==> flow/design.v <==
module alu_add_unit_top #(
    parameter XLEN = 4,
    parameter N = 3,
    parameter RW = XLEN + $clog2(N)
) (
    input  wire i_clk,
    input  wire [N*XLEN-1:0] in_din,
    output wire [RW-1:0] out_out
);
    reg [N*XLEN-1:0] din_reg;
    always @(posedge i_clk) begin
        din_reg <= in_din;
    end
    reg [RW-1:0] work;
    integer k;
    always @(*) begin
        work = 0;
        for (k = 0; k < N; k = k + 1)
            work = work + din_reg[k*XLEN +: XLEN];
    end
    assign out_out = work;
endmodule
From RTL to reports: alu_add_unit_top

The steps from the RTL of alu_add_unit_top to its reports follow in flow order.
Lines are those of the file above, counted from 1.
The mark -- stands for no value.

Top: alu_add_unit_top
Clock: i_clk
Standard-cell library: sky130hd
Corner: tt_025C_1v80

Elaborated design

Source: Yosys, flattened and elaborated, memories not mapped. Widths are those after wreduce; folded enables and synchronous resets count as part of the registers. Registers that Yosys merges into a memory's read port (data or address) are not register bits. Print and check cells do not count. Equal cells are merged and count once.

Bits in registers: 12
Latch bits: 0
Memory bits (writable): 0
Memory bits (read-only): 0
Word width x clocked read ports: 0
Memories kept: 0
Input port bits: 13
Output and inout port bits: 6
Cells after elaboration: 3

Add/sub/neg operators: 2
Multipliers: 0
Div/mod/pow operators: 0
$lt $le $gt $ge: 0
Equality and inequality tests: 0
Shift operators: 0
Mux-type cells: 0
Bitwise gates (word level): 0
Reductions and logical operators: 0

Operators by type and width:

| kind                 | number |
| adder 5 x 4 -> 6 bit | 1 |
| adder 4 x 4 -> 5 bit | 1 |

Longest topological paths

Longest topological path by Yosys (ltp), each cell counted once; first at word level (registers and memories cut), then after technology mapping (sequential cells cut; the memories' decode and read muxes count).

Depth after elaboration: 2
ABC_AREA: 0
Mapped depth: 9

Netlist

The flow's flattened synthesis, as Yosys stat reports it; memories are mapped. The netlist is that of the ABC_AREA named above (0 if unset); the other value can give another one.
The area totals of this step are shown rounded.

Cells by type:

| type                     | number |
| sky130_fd_sc_hd__dfxtp_1 | 12 |
| sky130_fd_sc_hd__fa_1    | 5 |
| sky130_fd_sc_hd__inv_1   | 14 |
| sky130_fd_sc_hd__ha_1    | 3 |
| sky130_fd_sc_hd__a21oi_2 | 1 |
| sky130_fd_sc_hd__xnor2_1 | 1 |
| sky130_fd_sc_hd__xor2_1  | 1 |
| sky130_fd_sc_hd__a21o_1  | 1 |
| sky130_fd_sc_hd__a21oi_1 | 1 |
| sky130_fd_sc_hd__nor2_1  | 1 |

Standard cells after synthesis: 40
Mapped area: 473 um^2
Sequential part of the area: 240 um^2
Flip-flop cells: 12
Buffers: 0

Timing after synthesis

Path of least setup slack by OpenSTA after synthesis, without wires, with an ideal clock, recovery checks aside; 20% of the period is set as input and as output delay. Where synthesis merged equal registers, the netlist keeps one of their names.

Path kind: reg2out
Start point: reg din_reg[1]
End point: out out_out[5]
Period: 2.64 ns
External output delay: 0.528 ns
Time at the first pin: 0.000 ns
Arrival: 1.692 ns
Slack: 0.420 ns
Path delay: 1.692 ns
Stages: 8
Synthesis period reached: 2.22 ns

"path delay" is the arrival time less input delay plus setup time.
A path that ends at an output port has no setup time.
"stages" counts driving pins, that of a launching flip-flop among them; a cell with two outputs on the path counts twice.
"synthesis period reached" is the clock period less the worst setup slack; recovery checks do not enter. This is arithmetic on one report: input and output delays are still those of the set period (20% each).
Between the ends stands the longest chain of elaborated cells between them, by number of cells; it is not shown to be the way that was timed. Of several equally long chains one is given.
Each line given opens the expression or statement behind the cell; cells for indexed reads and writes are added by Yosys, which also makes memories of some case tables.

Cells stage by stage: sky130_fd_sc_hd__dfxtp_1 -> sky130_fd_sc_hd__fa_1 -> sky130_fd_sc_hd__ha_1 -> sky130_fd_sc_hd__inv_1 -> sky130_fd_sc_hd__fa_1 -> sky130_fd_sc_hd__inv_1 -> sky130_fd_sc_hd__a21oi_1 -> sky130_fd_sc_hd__nor2_1
Length of the longest elaborated chain: 2
Elaborated cells between the ends (all ways): 2
RTL lines with such cells: 1
Those cells by class: 2 x add/sub

Ends and longest elaborated chain, after synthesis:

| element              | line | text |
| start, declared      | 10   | `reg [N*XLEN-1:0] din_reg;` |
| start, assigned      | 12   | `din_reg <= in_din;` |
| adder 4 x 4 -> 5 bit | 19   | `work = work + din_reg[k*XLEN +: XLEN];` |
| adder 5 x 4 -> 6 bit | 19   |  |
| end, declared        | 8    | `output wire [RW-1:0] out_out` |

Path in the finished layout

From the final timing report of entry A: the path of least setup slack in the routed layout; clock arrival at registers is part of the times.

Path kind: reg2out
Start point: reg din_reg[1]
End point: out out_out[5]
Period: 2.64 ns
External output delay: 0.53 ns
Time at the first pin: 0.27 ns
Arrival: 2.01 ns
Slack: 0.10 ns
Stages: 9

Between the ends stands the longest chain of elaborated cells between them, by number of cells; it is not shown to be the way that was timed. Of several equally long chains one is given.

Cells stage by stage: sky130_fd_sc_hd__dfxtp_2 -> sky130_fd_sc_hd__fa_1 -> sky130_fd_sc_hd__ha_2 -> sky130_fd_sc_hd__inv_2 -> sky130_fd_sc_hd__fa_2 -> sky130_fd_sc_hd__inv_2 -> sky130_fd_sc_hd__a21oi_1 -> sky130_fd_sc_hd__nor2_1 -> sky130_fd_sc_hd__buf_2
Length of the longest elaborated chain: 2
Elaborated cells between the ends (all ways): 2
RTL lines with such cells: 1
Those cells by class: 2 x add/sub

Ends and longest elaborated chain, after layout:

| element              | line | text |
| start, declared      | 10   | `reg [N*XLEN-1:0] din_reg;` |
| start, assigned      | 12   | `din_reg <= in_din;` |
| adder 4 x 4 -> 5 bit | 19   | `work = work + din_reg[k*XLEN +: XLEN];` |
| adder 5 x 4 -> 6 bit | 19   |  |
| end, declared        | 8    | `output wire [RW-1:0] out_out` |

FLOW RESULTS
============

Measured data: module alu_add_unit_top, platform sky130hd, 3 stored runs of the flow under differing settings, order arbitrary. Input and output delays are each 20% of the period that was set; the output load is 0.01 pF.
By "total power of the final layout" is meant OpenSTA's value without simulated activity: inputs other than the clock are taken to toggle once in ten clock periods, and the tool carries that through the logic.
The results are shown rounded.

## Entry A

==> flow/run.sh <==
#!/bin/bash
# the make line also repeats the synthesis and layout settings of config.mk as NAME=value (left out here)
make -C /OpenROAD-flow-scripts/flow DESIGN_CONFIG=/design/flow/config.mk WORK_HOME=/design/flow/orfs CLKGATE_MAP_FILE= finish
==> flow/config.mk <==
export PLATFORM = sky130hd
export DESIGN_NAME = alu_add_unit_top
export DESIGN_NICKNAME = alu_add_unit_top
export VERILOG_FILES = /design/flow/design.v
export SDC_FILE = /design/flow/constraint.sdc
export NUM_CORES = 4
export LEC_CHECK = 0
export CAP_MARGIN = 20
export CORE_MARGIN = 2
export CORE_UTILIZATION = 40
export SLEW_MARGIN = 20
==> flow/constraint.sdc <==
create_clock -name core_clock -period 2.64 [get_ports {i_clk}]
set_input_delay 0.5280 -clock core_clock [delete_from_list [all_inputs] [get_ports {i_clk}]]
set_output_delay 0.5280 -clock core_clock [all_outputs]
set_load 0.01 [all_outputs]

| result of entry A | value |
|---|---|
| worst hold slack | 0.695 ns |
| standard-cell area after layout | 697 um^2 |
| post-synthesis cell area | 473 um^2 |
| die footprint | 1470 um^2 |
| total power of the final layout | 0.459 mW |
| worst slack on setup checks | 0.097 ns |

## Entry B

==> flow/run.sh <==
#!/bin/bash
# the make line also repeats the synthesis and layout settings of config.mk as NAME=value (left out here)
make -C /OpenROAD-flow-scripts/flow DESIGN_CONFIG=/design/flow/config.mk WORK_HOME=/design/flow/orfs CLKGATE_MAP_FILE= finish
==> flow/config.mk <==
export PLATFORM = sky130hd
export DESIGN_NAME = alu_add_unit_top
export DESIGN_NICKNAME = alu_add_unit_top
export VERILOG_FILES = /design/flow/design.v
export SDC_FILE = /design/flow/constraint.sdc
export NUM_CORES = 4
export LEC_CHECK = 0
export ABC_AREA = 1
export CAP_MARGIN = 20
export CELL_PAD_IN_SITES_DETAIL_PLACEMENT = 2
export CORE_MARGIN = 6
export CORE_UTILIZATION = 57
export GPL_ROUTABILITY_DRIVEN = 1
export GPL_TIMING_DRIVEN = 0
export MAX_ROUTING_LAYER = met5
export PLACE_DENSITY_LB_ADDON = 0.28
export SETUP_SLACK_MARGIN = -0.05
export SLEW_MARGIN = 25
export TNS_END_PERCENT = 100
==> flow/constraint.sdc <==
create_clock -name core_clock -period 2.68 [get_ports {i_clk}]
set_input_delay 0.5360 -clock core_clock [delete_from_list [all_inputs] [get_ports {i_clk}]]
set_output_delay 0.5360 -clock core_clock [all_outputs]
set_load 0.01 [all_outputs]

Entry B: stopped before the end: floorplanning reported PDN-0185

## Entry C

==> flow/run.sh <==
#!/bin/bash
# the make line also repeats the synthesis and layout settings of config.mk as NAME=value (left out here)
make -C /OpenROAD-flow-scripts/flow DESIGN_CONFIG=/design/flow/config.mk WORK_HOME=/design/flow/orfs CLKGATE_MAP_FILE= finish
==> flow/config.mk <==
export PLATFORM = sky130hd
export DESIGN_NAME = alu_add_unit_top
export DESIGN_NICKNAME = alu_add_unit_top
export VERILOG_FILES = /design/flow/design.v
export SDC_FILE = /design/flow/constraint.sdc
export NUM_CORES = 4
export LEC_CHECK = 0
export ABC_AREA = 1
export CAP_MARGIN = 20
export CELL_PAD_IN_SITES_DETAIL_PLACEMENT = 2
export CORE_MARGIN = 5
export CORE_UTILIZATION = 31
export GPL_ROUTABILITY_DRIVEN = 1
export GPL_TIMING_DRIVEN = 1
export MAX_ROUTING_LAYER = met4
export MIN_ROUTING_LAYER = met2
export SLEW_MARGIN = 15
==> flow/constraint.sdc <==
create_clock -name core_clock -period 2.41 [get_ports {i_clk}]
set_input_delay 0.4820 -clock core_clock [delete_from_list [all_inputs] [get_ports {i_clk}]]
set_output_delay 0.4820 -clock core_clock [all_outputs]
set_load 0.01 [all_outputs]

| result of entry C | value |
|---|---|
| worst hold slack | 0.650 ns |
| standard-cell area after layout | 764 um^2 |
| post-synthesis cell area | 480 um^2 |
| die footprint | 2440 um^2 |
| total power of the final layout | 0.527 mW |
| worst slack on setup checks | -0.112 ns |
